==> flow/design.v <==
module ex_scratch #(
    parameter D = 10,
    parameter DATA_WIDTH = 2,
    parameter RPORTS = 1,
    parameter WPORTS = 6,
    parameter ADDR_W = $clog2(D)
) (
    input logic ck,
    input logic [WPORTS-1:0] load_in,
    input logic [WPORTS*ADDR_W-1:0] wr_addr_in,
    input logic [WPORTS*DATA_WIDTH-1:0] din_in,
    input logic [RPORTS*ADDR_W-1:0] raddr_in,
    output logic [RPORTS*DATA_WIDTH-1:0] rd_out
);
    logic [DATA_WIDTH-1:0] store [0:D-1];
    always_ff @(posedge ck) begin
        for (int k = 0; k < WPORTS; k++)
            if (load_in[k]) store[wr_addr_in[k*ADDR_W +: ADDR_W]] <= din_in[k*DATA_WIDTH +: DATA_WIDTH];
    end
    logic [RPORTS*DATA_WIDTH-1:0] val;
    for (genvar gj = 0; gj < RPORTS; gj++) begin : row
        assign val[gj*DATA_WIDTH +: DATA_WIDTH] = store[raddr_in[gj*ADDR_W +: ADDR_W]];
    end
    always_ff @(posedge ck)
        rd_out <= val;
endmodule
# Reports on ex_scratch
# What the tools print for ex_scratch, step after step.
# Line numbers count from 1 in the design file above.
# Operators carry their Yosys type and port widths (W data, S select, Z words).
# Cell names lack the library's common part.
design:
  design: "ex_scratch"
  clk_port: "ck"
  lib: "sky130hd"
  corner: "tt_025C_1v80"

# Word-level counts
# Yosys after proc, flatten, opt, wreduce and memory -nomap, before mapping. Enables and synchronous resets that opt folds into registers are not counted as muxes. Memory bits, and registers merged into a memory's read port (data or address), are not among the register bits. Print and check cells are not counted. Equal cells are merged and count once.
# Memory sizes are those after Yosys's memory passes, which may raise the word count (mostly to a power of two), join words into wider ones and drop unused or constant bits.
word_totals:
  reg_bits: 0
  mem_bits_rw: 20
  clocked_rd_ports_x_width: 2
  memories: 1
  input_bits: 47
  output_inout_bits: 2
  elab_cells: 19
op_classes:
  muxes: 18
memory_table:
  columns: ["name", "words", "word_bits", "rd", "write_ports", "line", "rtl"]
  rows:
  - ["store", 10, 2, 1, 6, 15, "logic [DATA_WIDTH-1:0] store [0:D-1];"]
op_table:
  columns: ["cell", "count"]
  rows:
  - ["$mux W4", 6]
  - ["$mux W2", 6]
  - ["$mux W1", 6]

# Longest topological paths
# Yosys ltp: most cells in a row. Word level: on the elaborated netlist, between registers, memories and ports. Mapped: between sequential cells and ports; inverters and the memories' decode and read muxes count.
logic_depth:
  word_depth: 1
  ABC_AREA: 0
  ltp_mapped: 6
  mapped_depth_nobuf: 4

# Mapped cells and area
# The flow's flattened synthesis, as Yosys stat reports it; memories are mapped. The netlist is that of the ABC_AREA named above (0 if unset); the other value can give another one.
# Totals and module areas in this step are rounded.
synth_totals:
  mapped_cells: 357
  yosys_area_um2: 2791
  sequential_area_um2: 640.6
  ffs: 22
  buffers: 29
types:
  columns: ["cell_type", "count", "type_area_um2"]
  rows:
  - ["edfxtp_1", 20, 600.576]
  - ["nor3_1", 26, 130.125]
  - ["nand2_1", 26, 97.594]
  - ["nand3b_1", 13, 97.594]
  - ["mux2i_1", 9, 90.086]
  - ["mux4_2", 4, 90.086]
  - ["nor2_1", 24, 90.086]
  - ["a211o_1", 10, 87.584]
  - ["clkbuf_1", 23, 86.333]
  - ["o21ai_0", 16, 80.077]
  - ["nand2b_1", 12, 75.072]
  - ["o22ai_1", 11, 68.816]
  - ["a211oi_1", 9, 67.565]
  - ["o211ai_1", 9, 67.565]
  - ["nand3_1", 13, 65.062]
  - ["o22a_1", 7, 61.309]
  - ["a21oi_1", 11, 55.053]
  - ["a31oi_1", 8, 50.048]
# Not listed: further types 42, cells in them 106.

# Path before layout
# OpenSTA on the mapped netlist: ideal clock, no wires. The path of least setup slack (recovery checks aside). Input and output delay are each 20% of the period. Register names are those of the netlist, which keeps one name where synthesis merged equal registers.
synth_timing:
  path_kind: "input -> register"
  startpoint: "in wr_addr_in[14]"
  endpoint: "mem store[0][0]"
  tclk_ns: 2.2
  in_delay_ns: 0.440
  setup_time_ns: 0.300
  launch_ns: 0.440
  arrival_time_ns: 1.550
  required_time_ns: 1.900
  setup_slack_ns: 0.350
  delay_ns: 1.410
  stages: 5
  n_path_buf: 1
  synth_period_reached_ns: 1.85
# "delay_ns" = arrival - input delay + setup time.
# "stages" counts driving pins, that of a launching flip-flop among them; a cell with two outputs on the path counts twice.
# "synth_period_reached_ns" is the clock period less the worst setup slack; recovery checks do not enter. This is arithmetic on one report: input and output delays are still those of the set period (20% each).
# The rows between start and end are the longest chain of elaborated cells between them; the timing report does not say that the signal goes this way. Where chains are equally long, one stands for them.
# Each line given opens the expression or statement behind the cell; cells for indexed reads and writes are added by Yosys, which also makes memories of some case tables.
synth_via:
  path_cell_list: "or3b_2 -> clkbuf_1 -> nor3_1 -> a211oi_1 -> nand3_1"
  elab_chain_len: 1
  cone_cells: 1
  lines_between: 1
  classes_between: "mux: 1"
synth_rtl:
  columns: ["item", "line", "rtl"]
  rows:
  - ["from (decl)", 10, "input logic [WPORTS*ADDR_W-1:0] wr_addr_in,"]
  - ["$mux W4", 18, "if (load_in[k]) store[wr_addr_in[k*ADDR_W +: ADDR_W]] <= din_in[k*DATA_WIDTH +: DATA_WIDTH];"]
  - ["to (decl)", 15, "logic [DATA_WIDTH-1:0] store [0:D-1];"]

# Path in the finished layout
# From the final timing report of run 1: the path of least setup slack in the routed layout; clock arrival at registers is part of the times.
layout_timing:
  path_kind: "input -> register"
  startpoint: "in wr_addr_in[21]"
  endpoint: "mem store[8][0]"
  tclk_ns: 2.2
  in_delay_ns: 0.44
  setup_time_ns: 0.15
  launch_ns: 0.44
  arrival_time_ns: 2.21
  required_time_ns: 2.32
  setup_slack_ns: 0.11
  stages: 6
  n_path_buf: 2
# The rows between start and end are the longest chain of elaborated cells between them; the timing report does not say that the signal goes this way. Where chains are equally long, one stands for them.
layout_via:
  path_cell_list: "clkdlybuf4s50_1 -> buf_4 -> nor2_1 -> a2111oi_1 -> a22oi_1 -> o21ai_0"
  elab_chain_len: 1
  cone_cells: 1
  lines_between: 1
  classes_between: "mux: 1"
layout_rtl:
  columns: ["item", "line", "rtl"]
  rows:
  - ["from (decl)", 10, "input logic [WPORTS*ADDR_W-1:0] wr_addr_in,"]
  - ["$mux W4", 18, "if (load_in[k]) store[wr_addr_in[k*ADDR_W +: ADDR_W]] <= din_in[k*DATA_WIDTH +: DATA_WIDTH];"]
  - ["to (decl)", 15, "logic [DATA_WIDTH-1:0] store [0:D-1];"]

Hand-over note for ex_scratch

3 stored runs of ex_scratch in the flow (synthesis by Yosys, layout by OpenROAD, sky130hd cells), in arbitrary order. Constraints: input delay and output delay 20% of the set period each, output load 0.01 pF.
"period_less_ws_ns": clock period set for the run, less the worst setup slack. It is reckoned from that one timing run; input and output delays stay at 20% of the period that was set.
"worst_path_time_ns": the worst setup path's part of the clock period (all of it between registers, 20% less for each end at a port) less its slack. A launch clock that arrives late makes it longer, a capture clock that arrives late makes it shorter.
Measured values are rounded.

--- run 1 ---
==> flow/run.sh <==
#!/bin/bash
# the make line also repeats the synthesis and layout settings of config.mk as NAME=value (left out here)
make -C /OpenROAD-flow-scripts/flow DESIGN_CONFIG=/design/flow/config.mk WORK_HOME=/design/flow/orfs CLKGATE_MAP_FILE= finish
==> flow/config.mk <==
export PLATFORM = sky130hd
export DESIGN_NAME = ex_scratch
export DESIGN_NICKNAME = ex_scratch
export VERILOG_FILES = /design/flow/design.v
export SDC_FILE = /design/flow/constraint.sdc
export NUM_CORES = 4
export LEC_CHECK = 0
export CAP_MARGIN = 20
export CORE_MARGIN = 2
export CORE_UTILIZATION = 40
export SLEW_MARGIN = 20
==> flow/constraint.sdc <==
create_clock -name core_clock -period 2.2 [get_ports {ck}]
set_input_delay 0.4400 -clock core_clock [delete_from_list [all_inputs] [get_ports {ck}]]
set_output_delay 0.4400 -clock core_clock [all_outputs]
set_load 0.01 [all_outputs]

==> results, as YAML <==
results:
  worst_path_time_ns: 1.65
  worst_path_kind: "input -> register"
  period_less_ws_ns: 2.089
  design.die.area_um2: 7662
  synthesis_area_um2: 2791
  layout_utilization_frac: 0.587
  timing.setup.ws_ns: 0.111
  hold_worst_slack_ns: 0.557
  tns_setup_ns: 0.000

--- run 2 ---
==> flow/run.sh <==
#!/bin/bash
# the make line also repeats the synthesis and layout settings of config.mk as NAME=value (left out here)
make -C /OpenROAD-flow-scripts/flow DESIGN_CONFIG=/design/flow/config.mk WORK_HOME=/design/flow/orfs CLKGATE_MAP_FILE= finish
==> flow/config.mk <==
export PLATFORM = sky130hd
export DESIGN_NAME = ex_scratch
export DESIGN_NICKNAME = ex_scratch
export VERILOG_FILES = /design/flow/design.v
export SDC_FILE = /design/flow/constraint.sdc
export NUM_CORES = 4
export LEC_CHECK = 0
export ABC_AREA = 1
export CAP_MARGIN = 20
export CELL_PAD_IN_SITES_DETAIL_PLACEMENT = 2
export CORE_MARGIN = 5
export CORE_UTILIZATION = 58
export MAX_ROUTING_LAYER = met5
export MIN_ROUTING_LAYER = met2
export PLACE_DENSITY_LB_ADDON = 0.27
export SLEW_MARGIN = 20
export TNS_END_PERCENT = 65
==> flow/constraint.sdc <==
create_clock -name core_clock -period 1.66 [get_ports {ck}]
set_input_delay 0.3320 -clock core_clock [delete_from_list [all_inputs] [get_ports {ck}]]
set_output_delay 0.3320 -clock core_clock [all_outputs]
set_load 0.01 [all_outputs]

==> results, as YAML <==
outcome: "did not finish, placement stopped with DPL-0033"

--- run 3 ---
==> flow/run.sh <==
#!/bin/bash
# the make line also repeats the synthesis and layout settings of config.mk as NAME=value (left out here)
make -C /OpenROAD-flow-scripts/flow DESIGN_CONFIG=/design/flow/config.mk WORK_HOME=/design/flow/orfs CLKGATE_MAP_FILE= finish
==> flow/config.mk <==
export PLATFORM = sky130hd
export DESIGN_NAME = ex_scratch
export DESIGN_NICKNAME = ex_scratch
export VERILOG_FILES = /design/flow/design.v
export SDC_FILE = /design/flow/constraint.sdc
export NUM_CORES = 4
export LEC_CHECK = 0
export ABC_AREA = 0
export CAP_MARGIN = 20
export CORE_ASPECT_RATIO = 1.06
export CORE_MARGIN = 2
export CORE_UTILIZATION = 19
export CTS_CLUSTER_DIAMETER = 203
export SETUP_SLACK_MARGIN = 0.14
export SLEW_MARGIN = 20
export TNS_END_PERCENT = 50
==> flow/constraint.sdc <==
create_clock -name core_clock -period 1.87 [get_ports {ck}]
set_input_delay 0.3740 -clock core_clock [delete_from_list [all_inputs] [get_ports {ck}]]
set_output_delay 0.3740 -clock core_clock [all_outputs]
set_load 0.01 [all_outputs]

==> results, as YAML <==
results:
  worst_path_time_ns: 1.33
  worst_path_kind: "input -> register"
  period_less_ws_ns: 1.701
  design.die.area_um2: 15680
  synthesis_area_um2: 2791
  layout_utilization_frac: 0.333
  timing.setup.ws_ns: 0.169
  hold_worst_slack_ns: 0.552
  tns_setup_ns: 0.000

End of note.
